==> flow/design.v <==
module ex_mem_v2 #(
  parameter int NUM_REGS = 16,
  parameter int DATA_W = 12,
  parameter int N_READ = 8,
  parameter int ADDR_W = $clog2(NUM_REGS)
) (
  input  logic CLK,
  input  logic load,
  input  logic [ADDR_W-1:0] wsel,
  input  logic [DATA_W-1:0] wdata,
  input  logic [N_READ*ADDR_W-1:0] rsel,
  output logic [N_READ*DATA_W-1:0] read_data
);
  logic r_load;
  always_ff @(posedge CLK) begin
    r_load <= load;
  end
  logic [ADDR_W-1:0] r_wsel;
  always_ff @(posedge CLK) begin
    r_wsel <= wsel;
  end
  logic [DATA_W-1:0] r_wdata;
  always_ff @(posedge CLK) begin
    r_wdata <= wdata;
  end
  logic [NUM_REGS*DATA_W-1:0] rf;
  generate
    for (genvar ii = 0; ii < NUM_REGS; ii++) begin : row
      always_ff @(posedge CLK)
        if (r_load && r_wsel == ii) rf[ii*DATA_W +: DATA_W] <= r_wdata;
    end
  endgenerate
  logic [N_READ*ADDR_W-1:0] r_rsel;
  always_ff @(posedge CLK) begin
    r_rsel <= rsel;
  end
  logic [N_READ*DATA_W-1:0] work;
  always_comb begin
    work = '0;
    for (int gj = 0; gj < N_READ; gj++) begin
      for (int idx = 0; idx < NUM_REGS; idx++)
        work[gj*DATA_W +: DATA_W] = work[gj*DATA_W +: DATA_W] | (rf[idx*DATA_W +: DATA_W] & {DATA_W{r_rsel[gj*ADDR_W +: ADDR_W] == idx}});
    end
  end
  always_ff @(posedge CLK) begin
    read_data <= work;
  end
endmodule
---- From RTL to reports: ex_mem_v2 ----
The steps from the RTL of ex_mem_v2 to its reports follow in flow order.
Line numbers count from 1 in the design file above.
Operators: Yosys type, input widths -> output width; for muxes data width and select width s.
A cell with -- has no value.
inputs
  top module .............................. ex_mem_v2
  clock port .............................. CLK
  standard-cell library ................... sky130hd
  library corner .......................... tt_025C_1v80

---- After elaboration ----
Source: Yosys, flattened and elaborated, memories not mapped. Widths are those after wreduce; folded enables and synchronous resets count as part of the registers. Registers that Yosys merges into a memory's read port (data or address) are not register bits. Print and check cells do not count. Equal cells are merged and count once.
bit counts
  memories kept ........................... 0
  output and inout port bits .............. 96
  latch bits .............................. 0
  bits in registers ....................... 337
  ROM bits ................................ 0
  cells after elaboration ................. 429
  bits in writable memories ............... 0
  clocked read ports x word width ......... 0
  bits of input ports ..................... 50
cells by class
  $mul .................................... 0
  multiplexer cells ....................... 0
  divide/modulo/power cells ............... 0
  eq/ne operators ......................... 135
  reduce/logical cells .................... 25
  bitwise gates (word level) .............. 248
  add/sub/neg operators ................... 0
  shifts and indexed selects .............. 0
  order comparisons ....................... 0
operators by type and width
  kind                count
  $and 12x12->12      128
  $or 12x12->12       120
  $eq 4x4->1 const B  72
  $eq 4x3->1 const B  36
  $eq 4x2->1 const B  18
  $eq 4x1->1 const B  9
  $logic_not 4->1     9
  $logic_and 1x1->1   16

---- Logic depth ----
Longest topological path by Yosys (ltp), each cell counted once; first at word level (registers and memories cut), then after technology mapping (sequential cells cut; the memories' decode and read muxes count).
logic depth
  depth in word-level cells ............... 17
  ABC_AREA ................................ 1
  depth in mapped cells ................... 10
  depth with buffers taken out ............ 9

---- Netlist ----
Yosys stat after the flow's synthesis: flattened, memories mapped to cells. It holds for the ABC_AREA given above (unset counts as 0); a run with the other value may have another netlist.
The area totals of this step are shown rounded.
mapped netlist
  buffer cells ............................ 473
  standard cells after synthesis .......... 4145
  flip-flop cells ......................... 337
  synthesis area .......................... 0.025 mm2
  sequential area ......................... 0.0087 mm2
cell types
  cell                       count  area in all (um2)
  sky130_fd_sc_hd__nand3_1   1347   6.74E+03
  sky130_fd_sc_hd__edfxtp_1  192    5765.53
  sky130_fd_sc_hd__nand2_1   1279   4.8E+03
  sky130_fd_sc_hd__dfxtp_1   145    2.9E+03
  sky130_fd_sc_hd__nor2_1    446    1.67E+03
  sky130_fd_sc_hd__buf_2     179    895.859
  sky130_fd_sc_hd__inv_1     235    882.096
  sky130_fd_sc_hd__clkbuf_1  178    668.141
  sky130_fd_sc_hd__buf_4     58     435.418
  sky130_fd_sc_hd__buf_1     58     217.709
  sky130_fd_sc_hd__nor2_4    8      90.086
  sky130_fd_sc_hd__nor2_2    10     62.56
  sky130_fd_sc_hd__clkinv_1  8      30.029
  sky130_fd_sc_hd__nor3_1    2      10.01

---- Timing after synthesis ----
Source: OpenSTA report_checks on the synthesized netlist (no wires, ideal clock, input and output delay 20% of the period each), path of least setup slack; recovery checks are left aside. Register names are those of the netlist, which keeps one name where synthesis merged equal registers.
timing path after synthesis
  path type ............................... register to register
  start ................................... register r_load
  end ..................................... register rf[0]
  stages .................................. 3
  delay of the path ....................... 1774 ps
  period .................................. 2620 ps
  slack ................................... 846 ps
  buffers on the path ..................... 0
  required time ........................... 2224 ps
  launch time at the first pin ............ 0 ps
  arrival ................................. 1378 ps
  setup time .............................. 396 ps
  synthesis period reached ................ 1774 ps
"delay of the path" is the arrival time less input delay plus setup time.
"stages" counts driving pins, that of a launching flip-flop among them; a cell with two outputs on the path counts twice.
"synthesis period reached" is the clock period less the worst setup slack; recovery checks do not enter. This is arithmetic on one report: input and output delays are still those of the set period (20% each).
Between the ends stands the longest chain of elaborated cells between them, by number of cells; it is not shown to be the way that was timed. Of several equally long chains one is given.
Each line given opens the expression or statement behind the cell; cells for indexed reads and writes are added by Yosys, which also makes memories of some case tables.
on the way, after synthesis
  cell sequence ........................... sky130_fd_sc_hd__dfxtp_1 -> sky130_fd_sc_hd__nand3_1 -> sky130_fd_sc_hd__nor3_1
  length of the longest elaborated chain .. 1
  elaborated cells between the ends (all ways) .. 1
  source lines of those cells ............. 1
  classes of those cells .................. reduce/logical: 1
RTL lines, path after synthesis
  element            line  source
  start, declared    14    logic r_load;
  start, assigned    16    r_load <= load;
  $logic_and 1x1->1  30    if (r_load && r_wsel == ii) rf[ii*DATA_W +: DATA_W] <= r_wdata;
  end, assigned      30
  end, declared      26    logic [NUM_REGS*DATA_W-1:0] rf;

---- Worst path after layout ----
Path of least setup slack in the final report of run 1 (OpenROAD, finished layout, wires in). Where an end is a register, its clock arrival counts in the times.
The report prints the path's times to 10 ps; the period is as set.
timing path post-layout
  path type ............................... register to output
  start ................................... register read_data[0]
  end ..................................... output read_data[0]
  launch time at the first pin ............ 630 ps
  output delay ............................ 390 ps
  stages .................................. 2
  arrival ................................. 1560 ps
  slack ................................... 0 ps
  required time ........................... 1560 ps
  period .................................. 1950 ps
  buffers on the path ..................... 1
on the way, post-layout
  cell sequence ........................... sky130_fd_sc_hd__dfxtp_1 -> sky130_fd_sc_hd__clkdlybuf4s50_1
  length of the longest elaborated chain .. 0
  elaborated cells between the ends (all ways) .. 0
  source lines of those cells ............. 0
RTL lines, path post-layout
  element          line  source
  start, declared  12    output logic [N_READ*DATA_W-1:0] read_data
  start, assigned  46    read_data <= work;
  end, declared    12

## Implementation results

Design ex_mem_v2 on sky130hd. What follows are 3 stored runs of the flow, each under its own settings; their order means nothing. The constraints put input and output delay at 20% of the set period each and load the outputs with 0.01 pF.
"achieved period": clock period set for the run, less the worst setup slack. It is reckoned from that one timing run; input and output delays stay at 20% of the period that was set.
"critical path time" = time allowed to the worst setup path (clock period - input delay - output delay, where it has them) - its slack; a late launch clock adds to it, a late capture clock takes from it.
"critical path time" is known to 10 ps.
The measured numbers are rounded.

---- run 1 ----
settings
  period_ns = 1.95
  CORE_UTILIZATION = 24
  CELL_PAD_IN_SITES_DETAIL_PLACEMENT = 1
  TNS_END_PERCENT = 75
  ABC_AREA = 1
  GPL_ROUTABILITY_DRIVEN = 0
  CTS_CLUSTER_SIZE = 47
  CTS_CLUSTER_DIAMETER = 118
  CAP_MARGIN = 20
  CORE_MARGIN = 2
  SLEW_MARGIN = 20
results
  netlist area reported by Yosys .......... 0.025 mm2
  die size ................................ 0.11 mm2
  utilization in the final report ......... 28%
  worst setup slack after layout .......... 2 ps
  final setup TNS ......................... 0 ps
  worst hold slack after layout ........... 170 ps
  achieved period ......................... 1948 ps
  critical path time ...................... 1560 ps
  type of the worst setup path ............ register to output

---- run 2 ----
settings
  period_ns = 2.62
  CAP_MARGIN = 20
  CORE_MARGIN = 2
  CORE_UTILIZATION = 40
  SLEW_MARGIN = 20
results
  netlist area reported by Yosys .......... 0.022 mm2
  die size ................................ 0.056 mm2
  utilization in the final report ......... 45%
  worst setup slack after layout .......... -31 ps
  final setup TNS ......................... -55 ps
  worst hold slack after layout ........... 370 ps
  achieved period ......................... 2651 ps
  critical path time ...................... 2650 ps
  type of the worst setup path ............ register to register

---- run 3 ----
settings
  period_ns = 1.83
  CORE_UTILIZATION = 56
  PLACE_DENSITY = 0.69
  CORE_ASPECT_RATIO = 0.71
  CELL_PAD_IN_SITES_DETAIL_PLACEMENT = 2
  ABC_AREA = 1
  GPL_TIMING_DRIVEN = 1
  MAX_ROUTING_LAYER = met5
  CAP_MARGIN = 20
  CORE_MARGIN = 2
  SLEW_MARGIN = 20
results
  incomplete, placement halted on a tool error
